==> flow/design.v <==
module mult_top #(
  parameter integer DWIDTH = 7,
  parameter integer GB = 8
) (
  input  aclk,
  input  ce,
  input  [DWIDTH-1:0] A_i,
  input  [DWIDTH-1:0] B_i,
  input  load_i,
  output [2*DWIDTH+GB-1:0] res_o
);
  reg [DWIDTH-1:0] A_r;
  always @(posedge aclk) begin
    if (ce) begin
      A_r <= A_i;
    end
  end
  reg [DWIDTH-1:0] B_r;
  always @(posedge aclk) begin
    if (ce) begin
      B_r <= B_i;
    end
  end
  reg load_r;
  always @(posedge aclk) begin
    if (ce) begin
      load_r <= load_i;
    end
  end
  wire [2*DWIDTH-1:0] val;
  assign val = A_r * B_r;
  reg [2*DWIDTH+GB-1:0] total;
  always @(posedge aclk) begin
    if (ce) begin
      total <= load_r ? val : total + val;
    end
  end
  assign res_o = total;
endmodule
Step by step through the tools: mult_top. What the tools print for mult_top, step after step. Line numbers count from 1 in the design file above. Cell names lack the library's common part. A cell with -- has no value.

Top module: mult_top. Clock input: aclk. Library: sky130hd. Library corner: tt_025C_1v80.

Word-level counts. Source: Yosys, flattened and elaborated, memories not mapped. Widths are those after wreduce; folded enables and synchronous resets count as part of the registers. Registers that Yosys merges into a memory's read port (data or address) are not register bits. Print and check cells do not count. Equal cells are merged and count once.

For divide/modulo/power cells the number is 0. $lt $le $gt $ge: 0. The entry for bitwise logic cells reads 0. $mul: 1. The figure for $add $sub $neg is 1. Under shifts and indexed selects stands 0. The figure for reductions and logical operators is 0. Under equality and inequality tests stands 0. Under multiplexer cells stands 1.

Operator list (count): multiplier 7 x 7 -> 14 bit (1); adder 22 x 14 -> 22 bit (1); 2-to-1 mux 14 bit (1).

The figure for bits in writable memories is 0. For ROM bits the number is 0. Flip-flop bits (word level): 37. Bits of input ports: 17. For output and inout port bits the number is 22. The entry for word width x clocked read ports reads 0. Bits in latches: 0. The figure for memory cells is 0. For cells after elaboration the number is 8.

Longest topological paths. Depth = most cells in a row (Yosys ltp): at word level without a register or memory, in the mapped netlist without a sequential cell, where the memories' decode and read muxes count.

Depth after elaboration: 3. Under ABC_AREA stands 0. Depth in mapped cells: 23. Gate-level depth less buffers: 22.

Synthesis result. The flow's flattened synthesis, as Yosys stat reports it; memories are mapped. The netlist is that of the ABC_AREA named above (0 if unset); the other value can give another one. The area totals of this step are shown rounded.

Cell types: edfxtp_1 (count 37, area in all 1.11E+03 um2); ha_1 (count 47, area in all 588.064 um2); fa_1 (count 25, area in all 500.48 um2); and2_1 (count 40, area in all 250.24 um2); nand2_1 (count 33, area in all 123.869 um2); xnor2_1 (count 13, area in all 113.859 um2); mux2_2 (count 9, area in all 101.347 um2); nor2_1 (count 26, area in all 97.594 um2); o21ai_0 (count 19, area in all 95.091 um2); inv_1 (count 23, area in all 86.333 um2); xor2_1 (count 8, area in all 70.067 um2); a21o_1 (count 8, area in all 60.058 um2); a21oi_1 (count 12, area in all 60.058 um2); nand3_1 (count 10, area in all 50.048 um2); o21a_1 (count 6, area in all 45.043 um2); a211oi_1 (count 5, area in all 37.536 um2); nand4_1 (count 6, area in all 37.536 um2); nor2b_1 (count 6, area in all 37.536 um2).

Other cell types: 35; their cells: 55.

For flip-flops the number is 37. Under buffers stands 8. The entry for mapped cells reads 388. Under chip area (Yosys) stands 3881 um2. The entry for area of sequential cells reads 1111 um2.

Worst setup path after synthesis. Source: OpenSTA report_checks on the synthesized netlist (no wires, ideal clock, input and output delay 20% of the period each), path of least setup slack; recovery checks are left aside. Register names are those of the netlist, which keeps one name where synthesis merged equal registers.

Path type: register -> register. Start point: reg A_r[3]. End point: reg total[19]. The entry for library setup time reads 0.262 ns. The entry for path delay reads 5.697 ns. Data required time: 6.858 ns. For time at the first pin the number is 0.000 ns. The entry for buffers on the path reads 0. The entry for clock period reads 7.12 ns. Data arrival time: 5.435 ns. Path slack: 1.423 ns. For stages the number is 23. Period reached after synthesis: 5.697 ns.

"path delay" is the arrival time less input delay plus setup time. "stages" counts driving pins, that of a launching flip-flop among them; a cell with two outputs on the path counts twice. "period reached after synthesis" = period - worst setup slack (recovery checks aside). The figure is calculated, with input and output delays left at 20% of the set period. The rows between start and end are the longest chain of elaborated cells between them; the timing report does not say that the signal goes this way. Where chains are equally long, one stands for them. A line is the first line of the expression or statement that the cell stems from. Yosys adds cells for indexed reads and writes and turns some case tables into memories.

Path through: edfxtp_1 > and2_1 > fa_1 > inv_1 > fa_1 > inv_1 > fa_1 > inv_1 > fa_1 > inv_1 > ha_1 > nor2_1 > o21ai_0 > nand2_1 > o21ai_0 > xnor2_1 > ha_1 > a21oi_2 > nand3_1 > a2111oi_0 > nor2_1 > nand4_1 > mux2_1. The entry for length of the longest elaborated chain reads 2. Elaborated cells on any way between the ends: 2. RTL lines with such cells: 2. Those cells by class: add/sub: 1; mul: 1.

RTL lines, path after synthesis: from (decl) (line 12) `reg [DWIDTH-1:0] A_r;`; from (assign) (line 15) `A_r <= A_i;`; multiplier 7 x 7 -> 14 bit (line 31) `assign val = A_r * B_r;`; adder 22 x 14 -> 22 bit (line 35) `total <= load_r ? val : total + val;`; to (assign) (line 35); to (decl) (line 32) `reg [2*DWIDTH+GB-1:0] total;`.

Worst path after layout. From the final timing report of flow run A: the path of least setup slack in the routed layout; clock arrival at registers is part of the times.

Path type: register -> register. Start point: reg B_r[3]. End point: reg total[19]. The entry for clock period reads 8.76 ns. Path slack: 2.44 ns. For time at the first pin the number is 0.29 ns. Data arrival time: 6.37 ns. Data required time: 8.81 ns. The entry for buffers on the path reads 0. For stages the number is 23. The entry for library setup time reads 0.24 ns.

The rows between start and end are the longest chain of elaborated cells between them; the timing report does not say that the signal goes this way. Where chains are equally long, one stands for them.

Path through: edfxtp_1 > and2_1 > fa_1 > inv_1 > fa_1 > inv_1 > fa_1 > inv_1 > fa_1 > inv_1 > ha_1 > nor2_1 > o21ai_0 > nand2_1 > o21ai_0 > xnor2_1 > ha_1 > a21oi_2 > nand3_1 > a2111oi_0 > nor2_1 > nand4_1 > mux2_1. The entry for length of the longest elaborated chain reads 2. Elaborated cells on any way between the ends: 2. RTL lines with such cells: 2. Those cells by class: add/sub: 1; mul: 1.

RTL lines, path post-layout: from (decl) (line 18) `reg [DWIDTH-1:0] B_r;`; from (assign) (line 21) `B_r <= B_i;`; multiplier 7 x 7 -> 14 bit (line 31) `assign val = A_r * B_r;`; adder 22 x 14 -> 22 bit (line 35) `total <= load_r ? val : total + val;`; to (assign) (line 35); to (decl) (line 32) `reg [2*DWIDTH+GB-1:0] total;`.

Hand-over note for mult_top

Below are 3 stored runs of the flow (Yosys, OpenROAD; platform sky130hd) on mult_top, each with its settings and what was measured, unordered. Constraints: input delay and output delay 20% of the set period each, output load 0.01 pF. "reached clock period" means the clock period less the worst setup slack. The figure is calculated, with input and output delays left at 20% of the set period. By "worst setup path time" is meant the share of the clock period that the worst setup path is allowed (20% is reserved at inputs, 20% at outputs), minus its slack. Clock arrival times at its registers enter into it. The measured numbers are rounded.

Files of flow run A:
==> flow/run.sh <==
#!/bin/bash
# the make line also repeats the synthesis and layout settings of config.mk as NAME=value (left out here)
make -C /OpenROAD-flow-scripts/flow DESIGN_CONFIG=/design/flow/config.mk WORK_HOME=/design/flow/orfs CLKGATE_MAP_FILE= finish
==> flow/config.mk <==
export PLATFORM = sky130hd
export DESIGN_NAME = mult_top
export DESIGN_NICKNAME = mult_top
export VERILOG_FILES = /design/flow/design.v
export SDC_FILE = /design/flow/constraint.sdc
export NUM_CORES = 4
export LEC_CHECK = 0
export CAP_MARGIN = 20
export CELL_PAD_IN_SITES_GLOBAL_PLACEMENT = 1
export CORE_ASPECT_RATIO = 1.34
export CORE_MARGIN = 9
export CORE_UTILIZATION = 50
export PLACE_DENSITY_LB_ADDON = 0.27
export SLEW_MARGIN = 40
export TNS_END_PERCENT = 90
==> flow/constraint.sdc <==
create_clock -name core_clock -period 8.76 [get_ports {aclk}]
set_input_delay 1.7520 -clock core_clock [delete_from_list [all_inputs] [get_ports {aclk}]]
set_output_delay 1.7520 -clock core_clock [all_outputs]
set_load 0.01 [all_outputs]

Results of flow run A. The summed negative setup slack reads 0.000 ns. The measured chip area after synthesis (Yosys) is 3881 um2. The standard-cell area after layout comes to 4459 um2. The overall die area comes to 11290 um2. The measured worst hold slack in the final report is 0.719 ns. The measured worst setup path time is 6.32 ns. Class of the worst setup path: register -> register. For the reached clock period the run shows 6.322 ns. The utilization after layout comes to 60.0%. The worst setup slack after layout reads 2.438 ns.

Files of flow run B:
==> flow/run.sh <==
#!/bin/bash
# the make line also repeats the synthesis and layout settings of config.mk as NAME=value (left out here)
make -C /OpenROAD-flow-scripts/flow DESIGN_CONFIG=/design/flow/config.mk WORK_HOME=/design/flow/orfs CLKGATE_MAP_FILE= finish
==> flow/config.mk <==
export PLATFORM = sky130hd
export DESIGN_NAME = mult_top
export DESIGN_NICKNAME = mult_top
export VERILOG_FILES = /design/flow/design.v
export SDC_FILE = /design/flow/constraint.sdc
export NUM_CORES = 4
export LEC_CHECK = 0
export CAP_MARGIN = 20
export CORE_MARGIN = 2
export CORE_UTILIZATION = 40
export SLEW_MARGIN = 20
==> flow/constraint.sdc <==
create_clock -name core_clock -period 7.12 [get_ports {aclk}]
set_input_delay 1.4240 -clock core_clock [delete_from_list [all_inputs] [get_ports {aclk}]]
set_output_delay 1.4240 -clock core_clock [all_outputs]
set_load 0.01 [all_outputs]

Results of flow run B. The summed negative setup slack reads 0.000 ns. The measured chip area after synthesis (Yosys) is 3881 um2. The standard-cell area after layout comes to 4503 um2. The overall die area comes to 10510 um2. The measured worst hold slack in the final report is 0.715 ns. The measured worst setup path time is 6.22 ns. Class of the worst setup path: register -> register. For the reached clock period the run shows 6.223 ns. The utilization after layout comes to 48.3%. The worst setup slack after layout reads 0.897 ns.

Files of flow run C:
==> flow/run.sh <==
#!/bin/bash
# the make line also repeats the synthesis and layout settings of config.mk as NAME=value (left out here)
make -C /OpenROAD-flow-scripts/flow DESIGN_CONFIG=/design/flow/config.mk WORK_HOME=/design/flow/orfs CLKGATE_MAP_FILE= finish
==> flow/config.mk <==
export PLATFORM = sky130hd
export DESIGN_NAME = mult_top
export DESIGN_NICKNAME = mult_top
export VERILOG_FILES = /design/flow/design.v
export SDC_FILE = /design/flow/constraint.sdc
export NUM_CORES = 4
export LEC_CHECK = 0
export ABC_AREA = 0
export CAP_MARGIN = 0
export CELL_PAD_IN_SITES_GLOBAL_PLACEMENT = 3
export CORE_MARGIN = 10
export CORE_UTILIZATION = 54
export CTS_CLUSTER_SIZE = 75
export GPL_ROUTABILITY_DRIVEN = 0
export GPL_TIMING_DRIVEN = 1
export MIN_ROUTING_LAYER = met2
export PLACE_DENSITY = 0.54
export SETUP_SLACK_MARGIN = 0.05
export SLEW_MARGIN = 20
==> flow/constraint.sdc <==
create_clock -name core_clock -period 5.67 [get_ports {aclk}]
set_input_delay 1.1340 -clock core_clock [delete_from_list [all_inputs] [get_ports {aclk}]]
set_output_delay 1.1340 -clock core_clock [all_outputs]
set_load 0.01 [all_outputs]

Outcome of flow run C: incomplete, placement halted on GPL-0301.

End of note.
